==> flow/design.v <==
module mul_core_rtl #(
   parameter WIDTH = 18
) (
   input  wire clk,
   input  wire rst_i,
   input  wire [WIDTH-1:0] A,
   output reg [2*WIDTH-1:0] p
);
   reg [WIDTH-1:0] A_q;
   always @(posedge clk) begin
      if (rst_i) begin
         A_q <= 0;
         p <= 0;
      end else begin
         A_q <= A;
         p <= A_q * A_q;
      end
   end
endmodule
; ---- Step by step through the tools: mul_core_rtl
; Tool output for the design above, in the order of the flow.
; Line numbers count from 1 in the design file above.
; Operators: Yosys type, input widths -> output width; for muxes data width and select width s.
; Cell names lack the library's common part.
; Not given: n/a
[setup]
design = mul_core_rtl
clk_port = clk
cell_library = sky130hd
corner = tt_025C_1v80

; ---- Word level
; Counts by Yosys on the flattened word-level netlist (proc, flatten, opt, wreduce; memories kept). Register bits leave out memories and registers merged into their read ports (data or address); mux counts leave out enables and synchronous resets folded into registers. Print and check cells are left out. Cells with the same type and inputs are merged into one.
[word_totals]
regBits = 54
in_bits = 20
out_inout_bits = 36
elab_cells = 3
[op_classes]
mul = 1
[op_table]
columns = operator, n
row1 = $mul 18x18->36, 1

; ---- Depth
; Yosys ltp: most cells in a row. Word level: on the elaborated netlist, between registers, memories and ports. Mapped: between sequential cells and ports; inverters and the memories' decode and read muxes count.
[logic_depth]
depth_word = 1
abc_area = 0
mapped_depth = 25
depth_no_buf = 22

; ---- After synthesis
; Yosys stat after the flow's synthesis: flattened, memories mapped to cells. It holds for the ABC_AREA given above (unset counts as 0); a run with the other value may have another netlist.
; The area totals of this step are shown rounded.
[types]
columns = type, n, area_total_um2
row1 = fa_1, 217, 4.34E+03
row2 = ha_1, 112, 1.4E+03
row3 = inv_1, 321, 1.2E+03
row4 = dfxtp_1, 53, 1.06E+03
row5 = nand2_1, 118, 442.925
row6 = and2_1, 61, 381.616
row7 = nor2b_1, 31, 193.936
row8 = a21oi_1, 33, 165.158
row9 = nor2_1, 38, 142.637
row10 = xnor2_1, 16, 140.134
row11 = a21o_1, 15, 112.608
row12 = clkbuf_1, 30, 112.608
row13 = o21ai_0, 16, 80.077
row14 = nor3_1, 14, 70.067
row15 = xor2_1, 8, 70.067
row16 = mux2_2, 5, 56.304
row17 = o21a_1, 7, 52.55
row18 = buf_6, 4, 45.043
; Not listed: further types 37, cells in them 77.
[mapped]
cell_count = 1176
synth_area_mm2 = 0.01067
seq_area_mm2 = 0.001061
flip_flops = 53
buf_cells = 38

; ---- Worst setup path after synthesis
; OpenSTA on the mapped netlist: ideal clock, no wires. The path of least setup slack (recovery checks aside). Input and output delay are each 20% of the period. Register names are those of the netlist, which keeps one name where synthesis merged equal registers.
[synth_timing]
path_kind = register to register
from = reg A_q[9]
to = reg p[34]
clock_period_ps = 7400
setup_time_ps = 123
launch_ps = 0
arrival_ps = 5800
required_time_ps = 7277
path_slack_ps = 1477
delay_ps = 5923
driving_pins = 23
path_buffers = 3
synth_period_reached_ps = 5923
; "delay_ps" is the arrival time less input delay plus setup time.
; "driving_pins" counts driving pins, that of a launching flip-flop among them; a cell with two outputs on the path counts twice.
; "synth_period_reached_ps" = period - worst setup slack (recovery checks aside). The figure is calculated, with input and output delays left at 20% of the set period.
; The rows between start and end are the longest chain of elaborated cells between them; the timing report does not say that the signal goes this way. Where chains are equally long, one stands for them.
; Each line given opens the expression or statement behind the cell; cells for indexed reads and writes are added by Yosys, which also makes memories of some case tables.
[synth_between]
path_cell_list = dfxtp_1 -> clkbuf_1 -> clkbuf_1 -> nand2_1 -> fa_1 -> inv_1 -> fa_1 -> inv_1 -> fa_1 -> inv_1 -> fa_1 -> fa_1 -> inv_1 -> fa_1 -> inv_1 -> ha_1 -> buf_6 -> and3_4 -> a311o_1 -> o21bai_4 -> nand3_2 -> a211oi_1 -> mux2_1
elab_chain_cells = 1
cone_cells = 1
lines_between = 1
classes_between = mul (1)
[synth_lines]
columns = element, line
row1 = start: declaration, 9  ; reg [WIDTH-1:0] A_q;
row2 = start: assignment, 12  ; A_q <= 0;
row3 = start: assignment, 15  ; A_q <= A;
row4 = $mul 18x18->36, 16  ; p <= A_q * A_q;
row5 = end: assignment, 13  ; p <= 0;
row6 = end: assignment, 16
row7 = end: declaration, 7  ; output reg [2*WIDTH-1:0] p

; ---- Worst path after layout
; From the final timing report of entry A: the path of least setup slack in the routed layout; clock arrival at registers is part of the times.
; The path's times are printed in steps of 10 ps; the period is the one set.
[layout_timing]
path_kind = register to register
from = reg A_q[4]
to = reg p[31]
clock_period_ps = 7400
setup_time_ps = 100
launch_ps = 310
arrival_ps = 6740
required_time_ps = 7610
path_slack_ps = 870
driving_pins = 19
path_buffers = 0
; The rows between start and end are the longest chain of elaborated cells between them; the timing report does not say that the signal goes this way. Where chains are equally long, one stands for them.
[layout_between]
path_cell_list = dfxtp_1 -> nand2_1 -> fa_1 -> fa_1 -> inv_1 -> fa_1 -> fa_1 -> fa_1 -> inv_1 -> fa_1 -> inv_1 -> ha_1 -> a21oi_1 -> o21ai_0 -> nor2b_1 -> a221oi_2 -> nand2_1 -> a31oi_1 -> mux2_2
elab_chain_cells = 1
cone_cells = 1
lines_between = 1
classes_between = mul (1)
[layout_lines]
columns = element, line
row1 = start: declaration, 9  ; reg [WIDTH-1:0] A_q;
row2 = start: assignment, 12  ; A_q <= 0;
row3 = start: assignment, 15  ; A_q <= A;
row4 = $mul 18x18->36, 16  ; p <= A_q * A_q;
row5 = end: assignment, 13  ; p <= 0;
row6 = end: assignment, 16
row7 = end: declaration, 7  ; output reg [2*WIDTH-1:0] p

Wiki page: mul_core_rtl / flow data

Record of 3 stored runs of the RTL-to-layout flow on mul_core_rtl, platform sky130hd. The runs are unordered. Constraints: input delay and output delay 20% of the set period each, output load 0.01 pF.
"achieved_period_ps" = clock period - worst setup slack. The figure is calculated, with input and output delays left at 20% of the set period.
"power_mw" is the tool's figure for a default switching activity; nothing was simulated.
Measured values are rounded.

# entry A
==> flow/run.sh <==
#!/bin/bash
# the make line also repeats the synthesis and layout settings of config.mk as NAME=value (left out here)
make -C /OpenROAD-flow-scripts/flow DESIGN_CONFIG=/design/flow/config.mk WORK_HOME=/design/flow/orfs CLKGATE_MAP_FILE= finish
==> flow/config.mk <==
export PLATFORM = sky130hd
export DESIGN_NAME = mul_core_rtl
export DESIGN_NICKNAME = mul_core_rtl
export VERILOG_FILES = /design/flow/design.v
export SDC_FILE = /design/flow/constraint.sdc
export NUM_CORES = 4
export LEC_CHECK = 0
export CAP_MARGIN = 20
export CORE_MARGIN = 2
export CORE_UTILIZATION = 40
export SLEW_MARGIN = 20
==> flow/constraint.sdc <==
create_clock -name core_clock -period 7.4 [get_ports {clk}]
set_input_delay 1.4800 -clock core_clock [delete_from_list [all_inputs] [get_ports {clk}]]
set_output_delay 1.4800 -clock core_clock [all_outputs]
set_load 0.01 [all_outputs]

==> entry A: results <==
setupTns_ps=0
hold_worst_slack_ps=817
achieved_period_ps=6528
power_mw=1.989
synth_area_mm2=0.01067
worst_setup_slack_ps=872
stdcell_area_mm2=0.01168
design.die.area_mm2=0.02799

# entry B
==> flow/run.sh <==
#!/bin/bash
# the make line also repeats the synthesis and layout settings of config.mk as NAME=value (left out here)
make -C /OpenROAD-flow-scripts/flow DESIGN_CONFIG=/design/flow/config.mk WORK_HOME=/design/flow/orfs CLKGATE_MAP_FILE= finish
==> flow/config.mk <==
export PLATFORM = sky130hd
export DESIGN_NAME = mul_core_rtl
export DESIGN_NICKNAME = mul_core_rtl
export VERILOG_FILES = /design/flow/design.v
export SDC_FILE = /design/flow/constraint.sdc
export NUM_CORES = 4
export LEC_CHECK = 0
export ABC_AREA = 1
export CAP_MARGIN = 20
export CELL_PAD_IN_SITES_DETAIL_PLACEMENT = 1
export CELL_PAD_IN_SITES_GLOBAL_PLACEMENT = 3
export CORE_MARGIN = 9
export CORE_UTILIZATION = 17
export MIN_ROUTING_LAYER = met2
export PLACE_DENSITY_LB_ADDON = 0.07
export SLEW_MARGIN = 20
==> flow/constraint.sdc <==
create_clock -name core_clock -period 3.73 [get_ports {clk}]
set_input_delay 0.7460 -clock core_clock [delete_from_list [all_inputs] [get_ports {clk}]]
set_output_delay 0.7460 -clock core_clock [all_outputs]
set_load 0.01 [all_outputs]

==> entry B: results <==
worst_setup_slack_ps=-1436
synth_area_mm2=0.01129
achieved_period_ps=5166
stdcell_area_mm2=0.01631
power_mw=6.313
design.die.area_mm2=0.076
setupTns_ps=-36010
hold_worst_slack_ps=711

# entry C
==> flow/run.sh <==
#!/bin/bash
# the make line also repeats the synthesis and layout settings of config.mk as NAME=value (left out here)
make -C /OpenROAD-flow-scripts/flow DESIGN_CONFIG=/design/flow/config.mk WORK_HOME=/design/flow/orfs CLKGATE_MAP_FILE= finish
==> flow/config.mk <==
export PLATFORM = sky130hd
export DESIGN_NAME = mul_core_rtl
export DESIGN_NICKNAME = mul_core_rtl
export VERILOG_FILES = /design/flow/design.v
export SDC_FILE = /design/flow/constraint.sdc
export NUM_CORES = 4
export LEC_CHECK = 0
export CAP_MARGIN = 20
export CELL_PAD_IN_SITES_GLOBAL_PLACEMENT = 2
export CORE_MARGIN = 4
export CORE_UTILIZATION = 47
export GPL_ROUTABILITY_DRIVEN = 1
export MIN_ROUTING_LAYER = met1
export PLACE_DENSITY_LB_ADDON = 0.18
export SETUP_SLACK_MARGIN = 2.97
export SLEW_MARGIN = 20
export TNS_END_PERCENT = 90
==> flow/constraint.sdc <==
create_clock -name core_clock -period 10.0 [get_ports {clk}]
set_input_delay 2.0000 -clock core_clock [delete_from_list [all_inputs] [get_ports {clk}]]
set_output_delay 2.0000 -clock core_clock [all_outputs]
set_load 0.01 [all_outputs]

==> entry C: results <==
worst_setup_slack_ps=3353
design.die.area_mm2=0.02517
achieved_period_ps=6647
power_mw=1.468
hold_worst_slack_ps=701
setupTns_ps=0
synth_area_mm2=0.01067
stdcell_area_mm2=0.01159
